==> flow/design.v <==
module cpu_mul_core_blk #(
    parameter integer DWIDTH = 32,
    parameter integer KVAL = 683,
    parameter integer RW = DWIDTH + $clog2(KVAL + 1)
) (
    input  core_clk,
    input  rst_n,
    input  [DWIDTH-1:0] in_A,
    output [RW-1:0] out_prod
);
    reg [DWIDTH-1:0] r_A;
    reg [RW-1:0] r_prod;
    always @(posedge core_clk or negedge rst_n) begin
        if (!rst_n) begin
            r_A <= 0;
            r_prod <= 0;
        end else begin
            r_A <= in_A;
            r_prod <= r_A * KVAL;
        end
    end
    assign out_prod = r_prod;
endmodule
# From RTL to reports: cpu_mul_core_blk
# What the tools print for cpu_mul_core_blk, step after step.
# Lines are those of the file above, counted from 1.
# Cell names lack the library's common part.
# A cell with n/a has no value.
# inputs
top	cpu_mul_core_blk
clock	core_clk
library	sky130hd
corner	tt_025C_1v80

# Word-level counts
# Yosys after proc, flatten, opt, wreduce and memory -nomap, before mapping. Enables and synchronous resets that opt folds into registers are not counted as muxes. Memory bits, and registers merged into a memory's read port (data or address), are not among the register bits. Print and check cells are not counted. Equal cells are merged and count once.
# bits
clocked_rd_ports_x_width	0
mem_bits_rw	0
mem_bits_ro	0
n_memories	0
elab_cells	3
latch_bits	0
out_inout_bits	42
input_bits	34
regBits	74
# op_classes
n_addsub	0
reduce_logical	0
n_div	0
n_cmp	0
shifts	0
logic	0
n_eq	0
multipliers	1
n_mux	0
# op_table
operator	n
multiplier 32 x 10 -> 42 bit (second input constant)	1

# Logic depth
# Yosys ltp: most cells in a row. Word level: on the elaborated netlist, between registers, memories and ports. Mapped: between sequential cells and ports; inverters and the memories' decode and read muxes count.
# depth
depth_word	1
ABC_AREA	0
ltp_mapped	18
ltp_nobuf	17

# After synthesis
# The flow's flattened synthesis, as Yosys stat reports it; memories are mapped. The netlist is that of the ABC_AREA named above (0 if unset); the other value can give another one.
# synth_totals
stdcells	811
flip_flops	74
mapped_area_um2	8326.7
buf_cells	14
# types
type	n	area_total_um2
fa_1	109	2.18E+03
dfrtp_1	74	1.85E+03
ha_1	130	1626.56
inv_1	194	728.198
a21oi_1	40	200.192
xor2_1	19	166.41
a21o_1	19	142.637
nand2_1	38	142.637
xnor2_1	15	131.376
o21ai_0	17	85.082
nor2_1	22	82.579
nor3_1	13	65.062
nand3_1	11	55.053
clkbuf_1	11	41.29
a211oi_2	3	37.536
and3_1	6	37.536
o21bai_1	5	37.536
nand4_1	5	31.28
# Other cell types: 45; their cells: 80.

# Path before layout
# Path of least setup slack by OpenSTA after synthesis, without wires, with an ideal clock, recovery checks aside; 20% of the period is set as input and as output delay. Where synthesis merged equal registers, the netlist keeps one of their names.
# synth_timing
path_kind	reg2reg
from	register r_A[1]
to	register r_prod[38]
tclk_ns	5.92
path_buffers	0
path_slack_ns	1.188
arrival_ns	4.597
setup_time_ns	0.135
t_first_pin_ns	0.000
path_stages	16
path_delay_ns	4.732
period_less_setup_slack_ns	4.732
# "path_delay_ns" = arrival - input delay + setup time.
# "path_stages": output pins that drive a net of the path, with the launching flip-flop's if there is one; two outputs of one cell count as two.
# "period_less_setup_slack_ns" is the clock period less the worst setup slack; recovery checks do not enter. This is arithmetic on one report: input and output delays are still those of the set period (20% each).
# The rows between start and end are the longest chain of elaborated cells between them; the timing report does not say that the signal goes this way. Where chains are equally long, one stands for them.
# Each line given opens the expression or statement behind the cell; cells for indexed reads and writes are added by Yosys, which also makes memories of some case tables.
# synth_via
cell_sequence	dfrtp_1 ha_1 inv_1 fa_1 fa_1 fa_1 inv_1 fa_1 ha_1 o21ai_0 o221ai_2 a211o_1 a41o_4 a2111oi_4 nor3_1 nand3b_1
elab_chain_cells	1
# synth_lines
element	line_no	rtl
start, declared	11	reg [DWIDTH-1:0] r_A;
start, assigned	15	r_A <= 0;
start, assigned	18	r_A <= in_A;
multiplier 32 x 10 -> 42 bit	19	r_prod <= r_A * KVAL;
end, assigned	16	r_prod <= 0;
end, assigned	19
end, declared	12	reg [RW-1:0] r_prod;

# Worst path after layout
# Path of least setup slack in the final report of run 1 (OpenROAD, finished layout, wires in). Where an end is a register, its clock arrival counts in the times.
# layout_timing
path_kind	reg2reg
from	register r_A[1]
to	register r_prod[38]
tclk_ns	7.15
t_first_pin_ns	0.38
path_stages	16
arrival_ns	5.59
path_slack_ns	1.80
setup_time_ns	0.13
path_buffers	0
# The rows between start and end are the longest chain of elaborated cells between them; the timing report does not say that the signal goes this way. Where chains are equally long, one stands for them.
# layout_via
cell_sequence	dfrtp_1 ha_1 inv_1 fa_1 fa_1 fa_1 inv_1 fa_1 ha_1 o21ai_0 o221ai_2 a211o_1 a41o_4 a2111oi_4 nor3_1 nand3b_1
elab_chain_cells	1
# layout_lines
element	line_no	rtl
start, declared	11	reg [DWIDTH-1:0] r_A;
start, assigned	15	r_A <= 0;
start, assigned	18	r_A <= in_A;
multiplier 32 x 10 -> 42 bit	19	r_prod <= r_A * KVAL;
end, assigned	16	r_prod <= 0;
end, assigned	19
end, declared	12	reg [RW-1:0] r_prod;

# Design cpu_mul_core_blk on sky130hd. What follows are 3 stored runs of the flow, each under its own settings; their order means nothing. The constraints put input and output delay at 20% of the set period each and load the outputs with 0.01 pF.
# By "achieved_period_ns" is meant the clock period of the run minus its worst setup slack. This is arithmetic on one report: input and output delays are still those of the set period (20% each).
# By "worstPathTime_ns" is meant the share of the clock period that the worst setup path is allowed (20% is reserved at inputs, 20% at outputs), minus its slack. Clock arrival times at its registers enter into it.
# Among the settings, - means not set for that run.
# A result given as - is not shown for that run.
item,run 1,run 2,run 3
period_ns,7.15,5.92,8.77
CORE_UTILIZATION,18,40,55
PLACE_DENSITY_LB_ADDON,0.05,-,0.07
CORE_ASPECT_RATIO,1.91,-,-
CELL_PAD_IN_SITES_GLOBAL_PLACEMENT,0,-,-
TNS_END_PERCENT,15,-,55
ABC_AREA,0,-,1
CTS_CLUSTER_SIZE,78,-,-
CTS_CLUSTER_DIAMETER,46,-,-
SLEW_MARGIN,20,20,5
MIN_ROUTING_LAYER,met1,-,met2
CAP_MARGIN,20,20,20
CORE_MARGIN,2,2,2
SETUP_SLACK_MARGIN,-,-,0.77
CELL_PAD_IN_SITES_DETAIL_PLACEMENT,-,-,2
die_um2,48086.2,21987.0,-
timing.setup.ws_ns,1.804,0.709,-
post_route_stdcell_area_um2,10093.4,9653.0,-
worstPathTime_ns,5.35,5.21,-
worst_path_kind,reg2reg,reg2reg,-
synthArea_um2,8326.7,8326.7,-
holdWs_ns,0.532,0.454,-
final_util_pct,22.0,47.4,-
achieved_period_ns,5.346,5.211,-
final_setup_tns_ns,0.000,0.000,-
# Run 3: incomplete, placement halted on DPL-0033
